==> flow/design.v <==
module my_diff_unit_p #(
    parameter DW = 16
) (
    input logic clk,
    input logic enable,
    input logic [DW-1:0] in_arg0,
    input logic [DW-1:0] in_arg1,
    output logic [DW-1:0] out_d,
    output logic out_bout
);
    logic [DW-1:0] arg0_q;
    always_ff @(posedge clk) begin
        if (enable) begin
            arg0_q <= in_arg0;
        end
    end
    logic [DW-1:0] arg1_q;
    always_ff @(posedge clk) begin
        if (enable) begin
            arg1_q <= in_arg1;
        end
    end
    localparam LW = DW / 2;
    logic [LW:0] l_q;
    always_ff @(posedge clk) begin
        if (enable) begin
            l_q <= arg0_q[LW-1:0] - arg1_q[LW-1:0];
        end
    end
    logic [DW-LW-1:0] arg0_hi_q;
    always_ff @(posedge clk) begin
        if (enable) begin
            arg0_hi_q <= arg0_q[DW-1:LW];
        end
    end
    logic [DW-LW-1:0] arg1_hi_q;
    always_ff @(posedge clk) begin
        if (enable) begin
            arg1_hi_q <= arg1_q[DW-1:LW];
        end
    end
    logic [DW-LW:0] high;
    assign high = arg0_hi_q - arg1_hi_q - l_q[LW];
    always_ff @(posedge clk) begin
        if (enable) begin
            out_d <= {high[DW-LW-1:0], l_q[LW-1:0]};
        end
    end
    always_ff @(posedge clk) begin
        if (enable) begin
            out_bout <= high[DW-LW];
        end
    end
endmodule
; ---- From RTL to reports: my_diff_unit_p
; The steps from the RTL of my_diff_unit_p to its reports follow in flow order.
; Line numbers count from 1 in the design file above.
; Library cell names are shortened.
; The mark - stands for no value.
[inputs]
top_module = my_diff_unit_p
clock = clk
library = sky130hd
pvt_corner = tt_025C_1v80

; ---- Word-level counts
; Counts by Yosys on the flattened word-level netlist (proc, flatten, opt, wreduce; memories kept). Register bits leave out memories and registers merged into their read ports (data or address); mux counts leave out enables and synchronous resets folded into registers. Print and check cells are left out. Cells with the same type and inputs are merged into one.
[op_classes]
addsub = 3
[op_table]
columns = op, n
row1 = 8-bit by 8-bit subtractor with 9-bit output, 2
row2 = 9-bit by 1-bit subtractor with 9-bit output, 1
[bits]
ff_bits = 74
input_bits = 34
output_inout_bits = 17
wordCells = 10

; ---- Logic depth
; Yosys ltp: most cells in a row. Word level: on the elaborated netlist, between registers, memories and ports. Mapped: between sequential cells and ports; inverters and the memories' decode and read muxes count.
[logic_depth]
depth_word = 2
abc_area = 0
mapped_depth = 8
ltp_nobuf = 8

; ---- Netlist
; Yosys stat after the flow's synthesis: flattened, memories mapped to cells. It holds for the ABC_AREA given above (unset counts as 0); a run with the other value may have another netlist.
; The area totals of this step are shown rounded.
[mapped]
mapped_cells = 200
yosys_area_um2 = 3100
seq_area_um2 = 2220
ffs = 74
buf_cells = 1
[by_type]
columns = type, n, area_total_um2
row1 = edfxtp_1, 74, 2.22E+03
row2 = ha_1, 22, 275.264
row3 = inv_1, 36, 135.13
row4 = xnor2_1, 7, 61.309
row5 = fa_1, 3, 60.058
row6 = a21oi_1, 7, 35.034
row7 = nor2_1, 7, 26.275
row8 = xor2_1, 3, 26.275
row9 = nand3_1, 5, 25.024
row10 = a21o_1, 3, 22.522
row11 = o211ai_1, 3, 22.522
row12 = nand2b_1, 3, 18.768
row13 = nor2b_1, 3, 18.768
row14 = o21ai_1, 3, 15.014
row15 = a31oi_1, 2, 12.512
row16 = nand2_1, 3, 11.261
row17 = a311o_1, 1, 10.01
row18 = mux2i_1, 1, 10.01
; Not listed: further types 13, cells in them 14.

; ---- Worst setup path after synthesis
; Path of least setup slack by OpenSTA after synthesis, without wires, with an ideal clock, recovery checks aside; 20% of the period is set as input and as output delay. Where synthesis merged equal registers, the netlist keeps one of their names.
[synth_path]
path_kind = register to register
start = register arg0_hi_q[0]
end = register out_d[15]
period_ns = 2.41
setup_ns = 0.259
t_first_pin_ns = 0.000
arrival_time_ns = 1.670
required_ns = 2.151
slack_ns = 0.481
delay_ns = 1.929
stages = 8
n_path_buf = 0
synth_period_reached_ns = 1.929
; "delay_ns" = arrival - input delay + setup time.
; "stages": output pins that drive a net of the path, with the launching flip-flop's if there is one; two outputs of one cell count as two.
; "synth_period_reached_ns" = period - worst setup slack (recovery checks aside). The figure is calculated, with input and output delays left at 20% of the set period.
; Between the ends stands the longest chain of elaborated cells between them, by number of cells; it is not shown to be the way that was timed. Of several equally long chains one is given.
; Each line given opens the expression or statement behind the cell; cells for indexed reads and writes are added by Yosys, which also makes memories of some case tables.
[synth_between]
cell_sequence = edfxtp_1 fa_1 inv_1 ha_1 o21ai_1 a31oi_1 a41oi_1 xnor2_1
elab_chain_len = 2
cells_between = 2
cone_lines = 1
classes_between = add/sub: 2
[synth_rtl]
columns = element, line
row1 = from (decl), 30  ; logic [DW-LW-1:0] arg0_hi_q;
row2 = from (assign), 33  ; arg0_hi_q <= arg0_q[DW-1:LW];
row3 = 8-bit by 8-bit subtractor with 9-bit output, 43  ; assign high = arg0_hi_q - arg1_hi_q - l_q[LW];
row4 = 9-bit by 1-bit subtractor with 9-bit output, 43
row5 = to (assign), 46  ; out_d <= {high[DW-LW-1:0], l_q[LW-1:0]};
row6 = to (decl), 8  ; output logic [DW-1:0] out_d,

; ---- Worst path after layout
; From the final timing report of flow run A: the path of least setup slack in the routed layout; clock arrival at registers is part of the times.
[layout_path]
path_kind = register to register
start = register arg0_hi_q[0]
end = register out_bout
period_ns = 2.41
setup_ns = 0.24
t_first_pin_ns = 0.34
arrival_time_ns = 2.17
required_ns = 2.50
slack_ns = 0.34
stages = 8
n_path_buf = 0
; Between the ends stands the longest chain of elaborated cells between them, by number of cells; it is not shown to be the way that was timed. Of several equally long chains one is given.
[layout_between]
cell_sequence = edfxtp_1 fa_1 inv_1 fa_1 a21boi_1 o211ai_1 nor2_1 a211o_1
elab_chain_len = 2
cells_between = 2
cone_lines = 1
classes_between = add/sub: 2
[layout_rtl]
columns = element, line
row1 = from (decl), 30  ; logic [DW-LW-1:0] arg0_hi_q;
row2 = from (assign), 33  ; arg0_hi_q <= arg0_q[DW-1:LW];
row3 = 8-bit by 8-bit subtractor with 9-bit output, 43  ; assign high = arg0_hi_q - arg1_hi_q - l_q[LW];
row4 = 9-bit by 1-bit subtractor with 9-bit output, 43
row5 = to (assign), 51  ; out_bout <= high[DW-LW];
row6 = to (decl), 9  ; output logic out_bout

; Flow measurements of my_diff_unit_p on sky130hd: 3 stored runs with different settings, listed in no order. Input and output delays are each 20% of the period that was set; the output load is 0.01 pF.
; "achieved_period_ns" means the clock period less the worst setup slack. The figure is calculated, with input and output delays left at 20% of the set period.
; "worstPathTime_ns" = time allowed to the worst setup path (clock period - input delay - output delay, where it has them) - its slack; a late launch clock adds to it, a late capture clock takes from it.
; By "power_total_mw" is meant OpenSTA's value without simulated activity: inputs other than the clock are taken to toggle once in ten clock periods, and the tool carries that through the logic.
; The measured numbers are rounded.

[flow run A: settings]
period_ns = 2.41
CAP_MARGIN = 20
CORE_MARGIN = 2
CORE_UTILIZATION = 40
SLEW_MARGIN = 20
[flow run A: results]
worstSetupSlack_ns = 0.336
synthesis_area_um2 = 3100
final_stdcell_area_um2 = 3910
die_footprint_um2 = 8480
timing.hold.ws_ns = 0.414
power_total_mw = 2.97
worstPathTime_ns = 2.07
critical_path_type = register to register
tns_ns = 0.000
achieved_period_ns = 2.074
layout_utilization_pct = 51.4

[flow run B: settings]
period_ns = 1.18
CORE_UTILIZATION = 28
SETUP_SLACK_MARGIN = 0.09
PLACE_DENSITY_LB_ADDON = 0.03
CELL_PAD_IN_SITES_DETAIL_PLACEMENT = 2
TNS_END_PERCENT = 90
ABC_AREA = 1
GPL_TIMING_DRIVEN = 1
CTS_CLUSTER_DIAMETER = 176
MAX_ROUTING_LAYER = met4
CAP_MARGIN = 20
CORE_MARGIN = 2
SLEW_MARGIN = 20
[flow run B: results]
worstSetupSlack_ns = -0.670
synthesis_area_um2 = 3180
final_stdcell_area_um2 = 4540
die_footprint_um2 = 12200
timing.hold.ws_ns = 0.386
power_total_mw = 7.65
worstPathTime_ns = 1.85
critical_path_type = register to register
tns_ns = -7.29
achieved_period_ns = 1.850
layout_utilization_pct = 41.3

[flow run C: settings]
period_ns = 1.71
CORE_UTILIZATION = 40
SETUP_SLACK_MARGIN = 0.41
PLACE_DENSITY_LB_ADDON = 0.04
CORE_MARGIN = 8
CTS_CLUSTER_DIAMETER = 23
CAP_MARGIN = 0
SLEW_MARGIN = 5
MIN_ROUTING_LAYER = met1
MAX_ROUTING_LAYER = met4
[flow run C: results]
worstSetupSlack_ns = -0.239
synthesis_area_um2 = 3100
final_stdcell_area_um2 = 4270
die_footprint_um2 = 10800
timing.hold.ws_ns = 0.419
power_total_mw = 4.70
worstPathTime_ns = 1.95
critical_path_type = register to register
tns_ns = -0.983
achieved_period_ns = 1.949
layout_utilization_pct = 56.1
